==> flow/design.v <==
module gen_add_unit #(
    parameter DWIDTH = 16
) (
    input ck,
    input [DWIDTH-1:0] a_i,
    input [DWIDTH-1:0] b_i,
    output reg [DWIDTH-1:0] o_o,
    output reg ovf_o
);
    reg [DWIDTH-1:0] g;
    reg [DWIDTH-1:0] p;
    integer i;
    always @* begin
        g = a_i & b_i;
        p = a_i ^ b_i;
        for (i = 1; i < DWIDTH; i = i * 2) begin
            g = g | (p & (g << i));
            p = p & (p << i);
        end
    end
    always @(posedge ck)
        o_o <= a_i ^ b_i ^ {g[DWIDTH-2:0], 1'b0};
    always @(posedge ck)
        ovf_o <= g[DWIDTH-1];
endmodule
Tool chain data of gen_add_unit

The steps from the RTL of gen_add_unit to its reports follow in flow order.
Line numbers count from 1 in the design file above.
Operators: Yosys type, input widths -> output width; for muxes data width and select width s.
The mark n/a stands for no value.

Design top: gen_add_unit
Clock port: ck
Cell library: sky130hd
Timing corner: tt_025C_1v80

After elaboration

Source: Yosys, flattened and elaborated, memories not mapped. Widths are those after wreduce; folded enables and synchronous resets count as part of the registers. Registers that Yosys merges into a memory's read port (data or address) are not register bits. Print and check cells do not count. Equal cells are merged and count once.

Cells after elaboration: 16
Register bits: 17
Output and inout bits: 17
Bits of input ports: 33

Bitwise gates (word level): 14

Operators with widths:

| cell           | number |
| $and 16x16->16 | 8 |
| $or 16x16->16  | 4 |
| $xor 16x16->16 | 2 |

Logic depth

Longest topological path by Yosys (ltp), each cell counted once; first at word level (registers and memories cut), then after technology mapping (sequential cells cut; the memories' decode and read muxes count).

Depth in word-level cells: 10
ABC_AREA: 0
Mapped depth: 8
Gate-level depth less buffers: 8

Mapped cells and area

Source: synth_stat.txt of the flow (Yosys; design flattened, memories mapped). It holds for the ABC_AREA given above (unset counts as 0); a run with the other value may have another netlist.

Cells by type:

| cell type                 | number |
| sky130_fd_sc_hd__dfxtp_1  | 17 |
| sky130_fd_sc_hd__ha_1     | 16 |
| sky130_fd_sc_hd__xnor2_1  | 8 |
| sky130_fd_sc_hd__a21oi_1  | 9 |
| sky130_fd_sc_hd__xor2_1   | 5 |
| sky130_fd_sc_hd__o21ai_0  | 7 |
| sky130_fd_sc_hd__a21o_1   | 4 |
| sky130_fd_sc_hd__nand2_1  | 8 |
| sky130_fd_sc_hd__nor2_1   | 7 |
| sky130_fd_sc_hd__inv_1    | 6 |
| sky130_fd_sc_hd__a31oi_4  | 1 |
| sky130_fd_sc_hd__fa_1     | 1 |
| sky130_fd_sc_hd__nand3_1  | 4 |
| sky130_fd_sc_hd__o41ai_2  | 1 |
| sky130_fd_sc_hd__o211ai_1 | 2 |
| sky130_fd_sc_hd__o21a_1   | 2 |
| sky130_fd_sc_hd__a211oi_2 | 1 |
| sky130_fd_sc_hd__nand4_1  | 2 |

Not listed: further types 18, cells in them 18.

Flip-flop cells: 17
Mapped area: 1,123.6 um^2
Standard cells after synthesis: 119
Buffer cells: 1

Timing after synthesis

Path of least setup slack by OpenSTA after synthesis, without wires, with an ideal clock, recovery checks aside; 20% of the period is set as input and as output delay. Where synthesis merged equal registers, the netlist keeps one of their names.

Path type: in2reg
Start: input port a_i[0]
End: register o_o[14]
Data arrival time: 2.004 ns
Delay of the path: 1.574 ns
Clock period: 2.46 ns
Data required time: 2.398 ns
Slack: 0.394 ns
Time at the first pin: 0.492 ns
Setup time: 0.062 ns
Stages: 8
External input delay: 0.492 ns
Synthesis period reached: 2.066 ns

"delay of the path" is the arrival time less input delay plus setup time.
"stages" counts driving pins, that of a launching flip-flop among them; a cell with two outputs on the path counts twice.
"synthesis period reached" is the clock period less the worst setup slack; recovery checks do not enter. This is arithmetic on one report: input and output delays are still those of the set period (20% each).
Between the ends stands the longest chain of elaborated cells between them, by number of cells; it is not shown to be the way that was timed. Of several equally long chains one is given.
Each line given opens the expression or statement behind the cell; cells for indexed reads and writes are added by Yosys, which also makes memories of some case tables.

Path through: sky130_fd_sc_hd__ha_1 > sky130_fd_sc_hd__inv_1 > sky130_fd_sc_hd__fa_1 > sky130_fd_sc_hd__nor2b_2 > sky130_fd_sc_hd__o211ai_2 > sky130_fd_sc_hd__a21o_1 > sky130_fd_sc_hd__or4_1 > sky130_fd_sc_hd__nand3_1
Cells in the longest elaborated chain: 9

Ends and longest elaborated chain, after synthesis:

| item             | line | text |
| start, declared  | 5    | `input [DWIDTH-1:0] a_i,` |
| $and 16x16->16   | 14   | `g = a_i & b_i;` |
| $and 16x16->16   | 17   | `g = g \| (p & (g << i));` |
| $or 16x16->16 x2 | 17   |  |
| $and 16x16->16   | 17   |  |
| $or 16x16->16    | 17   |  |
| $and 16x16->16   | 17   |  |
| $or 16x16->16    | 17   |  |
| $xor 16x16->16   | 22   | `o_o <= a_i ^ b_i ^ {g[DWIDTH-2:0], 1'b0};` |
| end, assigned    | 22   |  |
| end, declared    | 7    | `output reg [DWIDTH-1:0] o_o,` |

Path in the finished layout

Path of least setup slack in the final report of flow run 2 (OpenROAD, finished layout, wires in). Where an end is a register, its clock arrival counts in the times.

Path type: in2reg
Start: input port b_i[0]
End: register o_o[14]
Setup time: 0.05 ns
Slack: 0.17 ns
Time at the first pin: 0.49 ns
Stages: 9
Data required time: 2.70 ns
External input delay: 0.49 ns
Clock period: 2.46 ns
Data arrival time: 2.53 ns

Between the ends stands the longest chain of elaborated cells between them, by number of cells; it is not shown to be the way that was timed. Of several equally long chains one is given.

Path through: sky130_fd_sc_hd__clkdlybuf4s50_1 > sky130_fd_sc_hd__ha_1 > sky130_fd_sc_hd__inv_1 > sky130_fd_sc_hd__fa_1 > sky130_fd_sc_hd__nor2b_2 > sky130_fd_sc_hd__o211ai_2 > sky130_fd_sc_hd__a21o_1 > sky130_fd_sc_hd__or4_1 > sky130_fd_sc_hd__nand3_1
Cells in the longest elaborated chain: 9

Ends and longest elaborated chain, post-layout:

| item             | line | text |
| start, declared  | 6    | `input [DWIDTH-1:0] b_i,` |
| $and 16x16->16   | 14   | `g = a_i & b_i;` |
| $and 16x16->16   | 17   | `g = g \| (p & (g << i));` |
| $or 16x16->16 x2 | 17   |  |
| $and 16x16->16   | 17   |  |
| $or 16x16->16    | 17   |  |
| $and 16x16->16   | 17   |  |
| $or 16x16->16    | 17   |  |
| $xor 16x16->16   | 22   | `o_o <= a_i ^ b_i ^ {g[DWIDTH-2:0], 1'b0};` |
| end, assigned    | 22   |  |
| end, declared    | 7    | `output reg [DWIDTH-1:0] o_o,` |

Wiki page: gen_add_unit / flow data

Settings and measured results of 3 stored flow runs for module gen_add_unit (sky130hd), not sorted in any way. The constraints put input and output delay at 20% of the set period each and load the outputs with 0.01 pF.
By "clock period reached" is meant the clock period of the run minus its worst setup slack. This is arithmetic on one report: input and output delays are still those of the set period (20% each).
"time of the worst setup path" = time allowed to the worst setup path (clock period - input delay - output delay, where it has them) - its slack; a late launch clock adds to it, a late capture clock takes from it.
By "total power of the final layout" is meant OpenSTA's value without simulated activity: inputs other than the clock are taken to toggle once in ten clock periods, and the tool carries that through the logic.
Settings: -- = not set for that run.
Results: -- = not shown.

| name                                      | flow run 1 | flow run 2 | flow run 3 |
| period_ns                                 | 1.79       | 2.46       | 2.45       |
| CORE_UTILIZATION                          | 65         | 40         | 57         |
| PLACE_DENSITY_LB_ADDON                    | 0.03       | --         | 0.07       |
| CORE_ASPECT_RATIO                         | 1.58       | --         | --         |
| CORE_MARGIN                               | 5          | 2          | 2          |
| CELL_PAD_IN_SITES_GLOBAL_PLACEMENT        | 2          | --         | 0          |
| CTS_CLUSTER_SIZE                          | 93         | --         | 73         |
| SLEW_MARGIN                               | 30         | 20         | 20         |
| MIN_ROUTING_LAYER                         | met1       | --         | met1       |
| CAP_MARGIN                                | 20         | 20         | 20         |
| SETUP_SLACK_MARGIN                        | --         | --         | 0.48       |
| ABC_AREA                                  | --         | --         | 1          |
| CTS_CLUSTER_DIAMETER                      | --         | --         | 181        |
| chip area after synthesis (Yosys) (um^2)  | --         | 1,123.6    | 1,321.3    |
| die footprint (um^2)                      | --         | 3,249.0    | 2,719.1    |
| std-cell area (final layout) (um^2)       | --         | 1,742.9    | 1,889.3    |
| utilization after routing (%)             | --         | 64.3       | 85.4       |
| setup slack of the worst path (ns)        | --         | 0.168      | 0.530      |
| total negative setup slack (ns)           | --         | 0.000      | 0.000      |
| worst hold slack in the final report (ns) | --         | 0.810      | 0.781      |
| total power of the final layout (µW)      | --         | 923        | 919.8      |
| clock period reached (ns)                 | --         | 2.292      | 1.920      |
| time of the worst setup path (ns)         | --         | 1.80       | 1.43       |
| worst setup path kind                     | --         | in2reg     | in2reg     |

Flow run 1: did not finish, placement stopped with FLW-0024
